==> flow/design.v <==
module alu_summer_top #(
   parameter int BITS = 48
) (
   input  logic clk,
   input  logic [BITS-1:0] x,
   input  logic [BITS-1:0] y,
   input  logic c0,
   output logic [BITS-1:0] q,
   output logic cout
);
   logic [BITS-1:0] r_x;
   always_ff @(posedge clk) begin
      r_x <= x;
   end
   logic [BITS-1:0] r_y;
   always_ff @(posedge clk) begin
      r_y <= y;
   end
   logic r_c0;
   always_ff @(posedge clk) begin
      r_c0 <= c0;
   end
   logic [BITS:0] r;
   assign r = r_x + r_y + r_c0;
   always_ff @(posedge clk) begin
      q <= r[BITS-1:0];
   end
   always_ff @(posedge clk) begin
      cout <= r[BITS];
   end
endmodule
# Tool chain data of alu_summer_top

What the tools print for alu_summer_top, step after step.
Lines are those of the file above, counted from 1.
The mark n/a stands for no value.

Top: alu_summer_top
Clock: clk
Standard-cell library: sky130hd
Library corner: tt_025C_1v80

# Word level

Counts by Yosys on the flattened word-level netlist (proc, flatten, opt, wreduce; memories kept). Register bits leave out memories and registers merged into their read ports (data or address); mux counts leave out enables and synchronous resets folded into registers. Print and check cells are left out. Cells with the same type and inputs are merged into one.

Add/subtract/negate cells: 2

Operator list:

| operator                                  | number |
| 48-bit by 48-bit adder with 49-bit output | 1 |
| 49-bit by 1-bit adder with 49-bit output  | 1 |

Flip-flop bits (word level): 146
Output and inout port bits: 49
Cells after elaboration: 7

# Depth

Longest topological path by Yosys (ltp), each cell counted once; first at word level (registers and memories cut), then after technology mapping (sequential cells cut; the memories' decode and read muxes count).

Depth in word-level cells: 2
ABC_AREA: 0
Depth in mapped cells: 12
Depth with buffers taken out: 12

# Mapped cells and area

Source: synth_stat.txt of the flow (Yosys; design flattened, memories mapped). It holds for the ABC_AREA given above (unset counts as 0); a run with the other value may have another netlist.

Cells by type:

| cell type                 | number | total area (um^2) |
| sky130_fd_sc_hd__dfxtp_1  | 146    | 2.92E+03 |
| sky130_fd_sc_hd__ha_1     | 47     | 588.064 |
| sky130_fd_sc_hd__a21oi_1  | 56     | 280.269 |
| sky130_fd_sc_hd__xnor2_1  | 28     | 245.235 |
| sky130_fd_sc_hd__a21o_1   | 28     | 210.202 |
| sky130_fd_sc_hd__xor2_1   | 17     | 148.893 |
| sky130_fd_sc_hd__nand2_1  | 34     | 127.622 |
| sky130_fd_sc_hd__nor2_1   | 22     | 82.579 |
| sky130_fd_sc_hd__o21ai_0  | 15     | 75.072 |
| sky130_fd_sc_hd__nand4_1  | 10     | 62.56 |
| sky130_fd_sc_hd__clkbuf_1 | 15     | 56.304 |
| sky130_fd_sc_hd__nor2b_1  | 9      | 56.304 |
| sky130_fd_sc_hd__nand3_1  | 9      | 45.043 |
| sky130_fd_sc_hd__o21bai_1 | 6      | 45.043 |
| sky130_fd_sc_hd__a31oi_4  | 2      | 42.541 |
| sky130_fd_sc_hd__fa_1     | 2      | 40.038 |
| sky130_fd_sc_hd__o21a_1   | 5      | 37.536 |
| sky130_fd_sc_hd__a31oi_1  | 5      | 31.28 |

Other cell types: 33; their cells: 72.

Cell count: 528
Cell area after synthesis: 5610.4 um^2
Area of sequential cells: 2922.8 um^2
Mapped flip-flops: 146
Buffers: 18

# Timing after synthesis

Path of least setup slack by OpenSTA after synthesis, without wires, with an ideal clock, recovery checks aside; 20% of the period is set as input and as output delay. Where synthesis merged equal registers, the netlist keeps one of their names.

Kind: reg2reg
Start: register r_x[0]
End: register q[34]
Period: 3.64 ns
Time at the first pin: 0.000 ns
Arrival: 2.794 ns
Setup slack: 0.726 ns
Path delay: 2.913 ns
Stages: 13
Synthesis period reached: 2.914 ns

"path delay" is the arrival time less input delay plus setup time.
"stages" counts driving pins, that of a launching flip-flop among them; a cell with two outputs on the path counts twice.
"synthesis period reached" is the clock period less the worst setup slack; recovery checks do not enter. This is arithmetic on one report: input and output delays are still those of the set period (20% each).
The rows between start and end are the longest chain of elaborated cells between them; the timing report does not say that the signal goes this way. Where chains are equally long, one stands for them.
A line is the first line of the expression or statement that the cell stems from. Yosys adds cells for indexed reads and writes and turns some case tables into memories.

Cells stage by stage: sky130_fd_sc_hd__dfxtp_1 -> sky130_fd_sc_hd__fa_1 -> sky130_fd_sc_hd__fa_1 -> sky130_fd_sc_hd__a21o_1 -> sky130_fd_sc_hd__nand4_1 -> sky130_fd_sc_hd__a21boi_1 -> sky130_fd_sc_hd__or2_1 -> sky130_fd_sc_hd__a21oi_1 -> sky130_fd_sc_hd__o21ai_1 -> sky130_fd_sc_hd__a21boi_1 -> sky130_fd_sc_hd__o21ai_1 -> sky130_fd_sc_hd__a31o_2 -> sky130_fd_sc_hd__xor2_1
Cells in the longest elaborated chain: 2
Elaborated cells between the ends (all ways): 2
RTL lines with such cells: 1
Classes of those cells: add/sub: 2

RTL lines, path after synthesis:

| element                                   | RTL line | text |
| start: declaration                        | 11       | `logic [BITS-1:0] r_x;` |
| start: assignment                         | 13       | `r_x <= x;` |
| 48-bit by 48-bit adder with 49-bit output | 24       | `assign r = r_x + r_y + r_c0;` |
| 49-bit by 1-bit adder with 49-bit output  | 24       |  |
| end: assignment                           | 26       | `q <= r[BITS-1:0];` |
| end: declaration                          | 8        | `output logic [BITS-1:0] q,` |

# Timing after layout

Path of least setup slack in the final report of job 2 (OpenROAD, finished layout, wires in). Where an end is a register, its clock arrival counts in the times.

Kind: reg2reg
Start: register r_x[0]
End: register cout
Period: 3.64 ns
Time at the first pin: 0.41 ns
Arrival: 3.54 ns
Setup slack: 0.40 ns
Stages: 13

The rows between start and end are the longest chain of elaborated cells between them; the timing report does not say that the signal goes this way. Where chains are equally long, one stands for them.

Cells stage by stage: sky130_fd_sc_hd__dfxtp_1 -> sky130_fd_sc_hd__fa_1 -> sky130_fd_sc_hd__fa_1 -> sky130_fd_sc_hd__a21o_1 -> sky130_fd_sc_hd__nand4_1 -> sky130_fd_sc_hd__a21boi_1 -> sky130_fd_sc_hd__o2111ai_1 -> sky130_fd_sc_hd__a21oi_1 -> sky130_fd_sc_hd__o211ai_1 -> sky130_fd_sc_hd__a221o_1 -> sky130_fd_sc_hd__a31oi_1 -> sky130_fd_sc_hd__a221o_1 -> sky130_fd_sc_hd__a21o_1
Cells in the longest elaborated chain: 2
Elaborated cells between the ends (all ways): 2
RTL lines with such cells: 1
Classes of those cells: add/sub: 2

RTL lines, path post-layout:

| element                                   | RTL line | text |
| start: declaration                        | 11       | `logic [BITS-1:0] r_x;` |
| start: assignment                         | 13       | `r_x <= x;` |
| 48-bit by 48-bit adder with 49-bit output | 24       | `assign r = r_x + r_y + r_c0;` |
| 49-bit by 1-bit adder with 49-bit output  | 24       |  |
| end: assignment                           | 29       | `cout <= r[BITS];` |
| end: declaration                          | 9        | `output logic cout` |

Hand-over note for alu_summer_top

Stored flow runs of alu_summer_top (3 of them; Yosys, OpenROAD, sky130hd). They differ in their settings and are not a sequence. Constraints: input delay and output delay 20% of the set period each, output load 0.01 pF.
"period reached" means the clock period less the worst setup slack. The figure is calculated, with input and output delays left at 20% of the set period.
"time used up by the worst setup path": the worst setup path's part of the clock period (all of it between registers, 20% less for each end at a port) less its slack. A launch clock that arrives late makes it longer, a capture clock that arrives late makes it shorter.
By "total design power" is meant OpenSTA's value without simulated activity: inputs other than the clock are taken to toggle once in ten clock periods, and the tool carries that through the logic.
A setting shown as . is not set for that run.
Among the results, . means that no value is shown for the run.

| item                                      | job 1 | job 2   | job 3   |
| period_ns                                 | 3.75  | 3.64    | 4.79    |
| CORE_UTILIZATION                          | 71    | 40      | 18      |
| SETUP_SLACK_MARGIN                        | -0.12 | .       | -0.3    |
| PLACE_DENSITY_LB_ADDON                    | 0.09  | .       | 0.22    |
| CELL_PAD_IN_SITES_GLOBAL_PLACEMENT        | 2     | .       | .       |
| CTS_CLUSTER_DIAMETER                      | 43    | .       | 273     |
| CAP_MARGIN                                | 20    | 20      | 20      |
| CORE_MARGIN                               | 2     | 2       | 10      |
| SLEW_MARGIN                               | 20    | 20      | 0       |
| HOLD_SLACK_MARGIN                         | .     | .       | 0.3     |
| CELL_PAD_IN_SITES_DETAIL_PLACEMENT        | .     | .       | 1       |
| TNS_END_PERCENT                           | .     | .       | 40      |
| GPL_TIMING_DRIVEN                         | .     | .       | 1       |
| GPL_ROUTABILITY_DRIVEN                    | .     | .       | 0       |
| MAX_ROUTING_LAYER                         | .     | .       | met5    |
| final worst hold slack (ns)               | .     | 0.502   | 0.512   |
| period reached (ns)                       | .     | 3.235   | 3.302   |
| sum of negative setup slack (ns)          | .     | 0.000   | 0.000   |
| die outline area (um^2)                   | .     | 14989.1 | 38629.9 |
| utilization after layout                  | .     | 0.567   | 0.262   |
| time used up by the worst setup path (ns) | .     | 3.24    | 3.30    |
| worst setup path type                     | .     | reg2reg | reg2reg |
| post-synthesis cell area (um^2)           | .     | 5610.4  | 5610.4  |
| worst setup slack after layout (ns)       | .     | 0.405   | 1.488   |
| total design power (uW)                   | .     | 4465    | 3365    |
| standard-cell area after routing (um^2)   | .     | 7816.2  | 8034.0  |

Job 1: no final report: placement broke off with FLW-0024

End of note.
